==> flow/design.v <==
module alu_sum_block_blk #(
  parameter integer XLEN = 18
) (
  input wire sys_clk,
  input wire RST,
  input wire [XLEN-1:0] x,
  input wire [XLEN-1:0] y,
  input wire cin,
  output wire [XLEN-1:0] s,
  output wire ovf
);
  reg [XLEN-1:0] r_x;
  always @(posedge sys_clk) begin
    if (RST) begin
      r_x <= 0;
    end else begin
      r_x <= x;
    end
  end
  reg [XLEN-1:0] r_y;
  always @(posedge sys_clk) begin
    if (RST) begin
      r_y <= 0;
    end else begin
      r_y <= y;
    end
  end
  reg r_cin;
  always @(posedge sys_clk) begin
    if (RST) begin
      r_cin <= 1'b0;
    end else begin
      r_cin <= cin;
    end
  end
  wire [XLEN:0] cur;
  assign cur = r_x + r_y + r_cin;
  assign s = cur[XLEN-1:0];
  assign ovf = cur[XLEN];
endmodule
### From RTL to reports: alu_sum_block_blk

Tool output for the design above, in the order of the flow.
Lines are those of the file above, counted from 1.
Operators: Yosys type, input widths -> output width; for muxes data width and select width s.
Library cell names are shortened.
Not given: -

| inputs | value |
|---|---|
| design top | alu_sum_block_blk |
| clock | sys_clk |
| library | sky130hd |
| timing corner | tt_025C_1v80 |

### Word-level counts

Counts by Yosys on the flattened word-level netlist (proc, flatten, opt, wreduce; memories kept). Register bits leave out memories and registers merged into their read ports (data or address); mux counts leave out enables and synchronous resets folded into registers. Print and check cells are left out. Cells with the same type and inputs are merged into one.

| word-level totals | value |
|---|---|
| flip-flop bits (word level) | 37 |
| output and inout port bits | 19 |
| word-level cells | 5 |

| cells by class | value |
|---|---|
| $add $sub $neg | 2 |

Operators by type and width:

| operator | count |
|---|---|
| $add 18x18->19 | 1 |
| $add 19x1->19 | 1 |

### Logic depth

Depth = most cells in a row (Yosys ltp): at word level without a register or memory, in the mapped netlist without a sequential cell, where the memories' decode and read muxes count.

| logic depth | value |
|---|---|
| depth after elaboration | 2 |
| ABC_AREA | 0 |
| depth in mapped cells | 9 |
| mapped depth without buffers | 9 |

### Netlist

Yosys stat after the flow's synthesis: flattened, memories mapped to cells. It holds for the ABC_AREA given above (unset counts as 0); a run with the other value may have another netlist.

| mapped netlist | value |
|---|---|
| cells in the netlist | 194 |
| chip area (Yosys) | 1865.5 um^2 |
| sequential area | 740.7 um^2 |
| flip-flop cells | 37 |
| buffers | 3 |

Cells by type:

| cell type | count | area in all (um^2) |
|---|---|---|
| dfxtp_1 | 37 | 740.71 |
| nor2b_1 | 39 | 243.984 |
| ha_1 | 17 | 212.704 |
| a21oi_1 | 13 | 65.062 |
| xnor2_1 | 7 | 61.309 |
| xor2_1 | 7 | 61.309 |
| a21o_1 | 8 | 60.058 |
| nand2_1 | 11 | 41.29 |
| fa_1 | 2 | 40.038 |
| inv_1 | 8 | 30.029 |
| o21ai_0 | 6 | 30.029 |
| nor3_1 | 5 | 25.024 |
| a31oi_4 | 1 | 21.27 |
| o211a_1 | 2 | 20.019 |
| a31oi_1 | 3 | 18.768 |
| a41oi_1 | 2 | 17.517 |
| o21ai_2 | 2 | 17.517 |
| a221oi_2 | 1 | 15.014 |

Not listed: further types 15, cells in them 23.

### Timing after synthesis

OpenSTA on the mapped netlist: ideal clock, no wires. The path of least setup slack (recovery checks aside). Input and output delay are each 20% of the period. Register names are those of the netlist, which keeps one name where synthesis merged equal registers.

| timing post-synthesis | value |
|---|---|
| path type | reg-to-output |
| start point | register r_x[0] |
| end point | output port s[12] |
| clock period | 3.2 ns |
| output delay | 0.640 ns |
| launch time at the first pin | 0.000 ns |
| data arrival time | 2.047 ns |
| data required time | 2.560 ns |
| slack | 0.513 ns |
| path delay | 2.047 ns |
| driving pins on the path | 10 |
| synthesis period reached | 2.687 ns |

"path delay" = arrival - input delay + setup time.
At an output port there is no setup time.
"driving pins on the path" counts driving pins, that of a launching flip-flop among them; a cell with two outputs on the path counts twice.
"synthesis period reached" is the clock period less the worst setup slack; recovery checks do not enter. This is arithmetic on one report: input and output delays are still those of the set period (20% each).
The rows between start and end are the longest chain of elaborated cells between them; the timing report does not say that the signal goes this way. Where chains are equally long, one stands for them.
Each line given opens the expression or statement behind the cell; cells for indexed reads and writes are added by Yosys, which also makes memories of some case tables.

| between the ends, post-synthesis | value |
|---|---|
| cells stage by stage | dfxtp_1 -> fa_1 -> inv_1 -> fa_1 -> nor2b_1 -> o31ai_1 -> a31oi_1 -> a31oi_1 -> o21ai_0 -> xor2_1 |
| length of the longest elaborated chain | 2 |

RTL lines, path post-synthesis:

| item | line | source |
|---|---|---|
| from (decl) | 12 | `reg [XLEN-1:0] r_x;` |
| from (assign) | 15 | `r_x <= 0;` |
| from (assign) | 17 | `r_x <= x;` |
| $add 18x18->19 | 37 | `assign cur = r_x + r_y + r_cin;` |
| $add 19x1->19 | 37 |  |
| to (decl) | 9 | `output wire [XLEN-1:0] s,` |

### Worst path after layout

From the final timing report of job 2: the path of least setup slack in the routed layout; clock arrival at registers is part of the times.

| timing after layout | value |
|---|---|
| path type | reg-to-output |
| start point | register r_x[0] |
| end point | output port s[11] |
| clock period | 3.2 ns |
| output delay | 0.64 ns |
| launch time at the first pin | 0.27 ns |
| data arrival time | 2.50 ns |
| data required time | 2.56 ns |
| slack | 0.06 ns |
| driving pins on the path | 11 |

The rows between start and end are the longest chain of elaborated cells between them; the timing report does not say that the signal goes this way. Where chains are equally long, one stands for them.

| between the ends, after layout | value |
|---|---|
| cells stage by stage | dfxtp_2 -> fa_2 -> a21o_1 -> a221oi_4 -> o21ai_2 -> a31oi_4 -> buf_6 -> buf_4 -> o21ai_0 -> xor2_1 -> buf_2 |
| length of the longest elaborated chain | 2 |

RTL lines, path after layout:

| item | line | source |
|---|---|---|
| from (decl) | 12 | `reg [XLEN-1:0] r_x;` |
| from (assign) | 15 | `r_x <= 0;` |
| from (assign) | 17 | `r_x <= x;` |
| $add 18x18->19 | 37 | `assign cur = r_x + r_y + r_cin;` |
| $add 19x1->19 | 37 |  |
| to (decl) | 9 | `output wire [XLEN-1:0] s,` |

FLOW RESULTS
============

Design alu_sum_block_blk on sky130hd. What follows are 3 stored runs of the flow, each under its own settings; their order means nothing. The constraints put input and output delay at 20% of the set period each and load the outputs with 0.01 pF.
"achieved clock period" is the run's clock period less its worst setup slack. It is reckoned from that one timing run; input and output delays stay at 20% of the period that was set.
"critical setup path time" means the part of the period allowed to the worst setup path (the constraints hold back 20% at inputs and 20% at outputs) less its slack; where the path has registers, the arrival times of their clocks count too.
"total design power" rests on the timing tool's default activity at the inputs, not on a simulated workload.
A setting shown as - is not set for that run.
Results: - = not shown.

| run | period_ns | CORE_UTILIZATION | SETUP_SLACK_MARGIN | PLACE_DENSITY | CELL_PAD_IN_SITES_GLOBAL_PLACEMENT | TNS_END_PERCENT | GPL_TIMING_DRIVEN | SLEW_MARGIN | MIN_ROUTING_LAYER | MAX_ROUTING_LAYER | CAP_MARGIN | CORE_MARGIN | mapped cell area after synthesis (um^2) | area inside the die boundary (um^2) | standard-cell area after routing (um^2) | utilization after layout (%) | setup slack of the worst path (ns) | total negative slack on setup checks (ns) | worst hold slack (ns) | total design power (mW) | achieved clock period (ns) | critical setup path time (ns) | critical path type |
|---|---|---|---|---|---|---|---|---|---|---|---|---|---|---|---|---|---|---|---|---|---|---|---|
| job 1 | 4.85 | 46 | 1.04 | 0.36 | 3 | 50 | 0 | 15 | met1 | met5 | 20 | 2 | - | - | - | - | - | - | - | - | - | - | - |
| job 2 | 3.2 | 40 | - | - | - | - | - | 20 | - | - | 20 | 2 | 1865.5 | 5225.8 | 2763.9 | 62.6 | 0.057 | 0.000 | 0.904 | 1.137 | 3.143 | 2.50 | reg-to-output |
| job 3 | 2.08 | 18 | - | 0.68 | - | - | - | 25 | met1 | met4 | 20 | 2 | 1865.5 | 11194.7 | 3284.4 | 32.2 | -0.793 | -9.625 | 0.680 | 1.963 | 2.873 | 2.46 | reg-to-output |

Job 1: incomplete, placement halted on GPL-0301
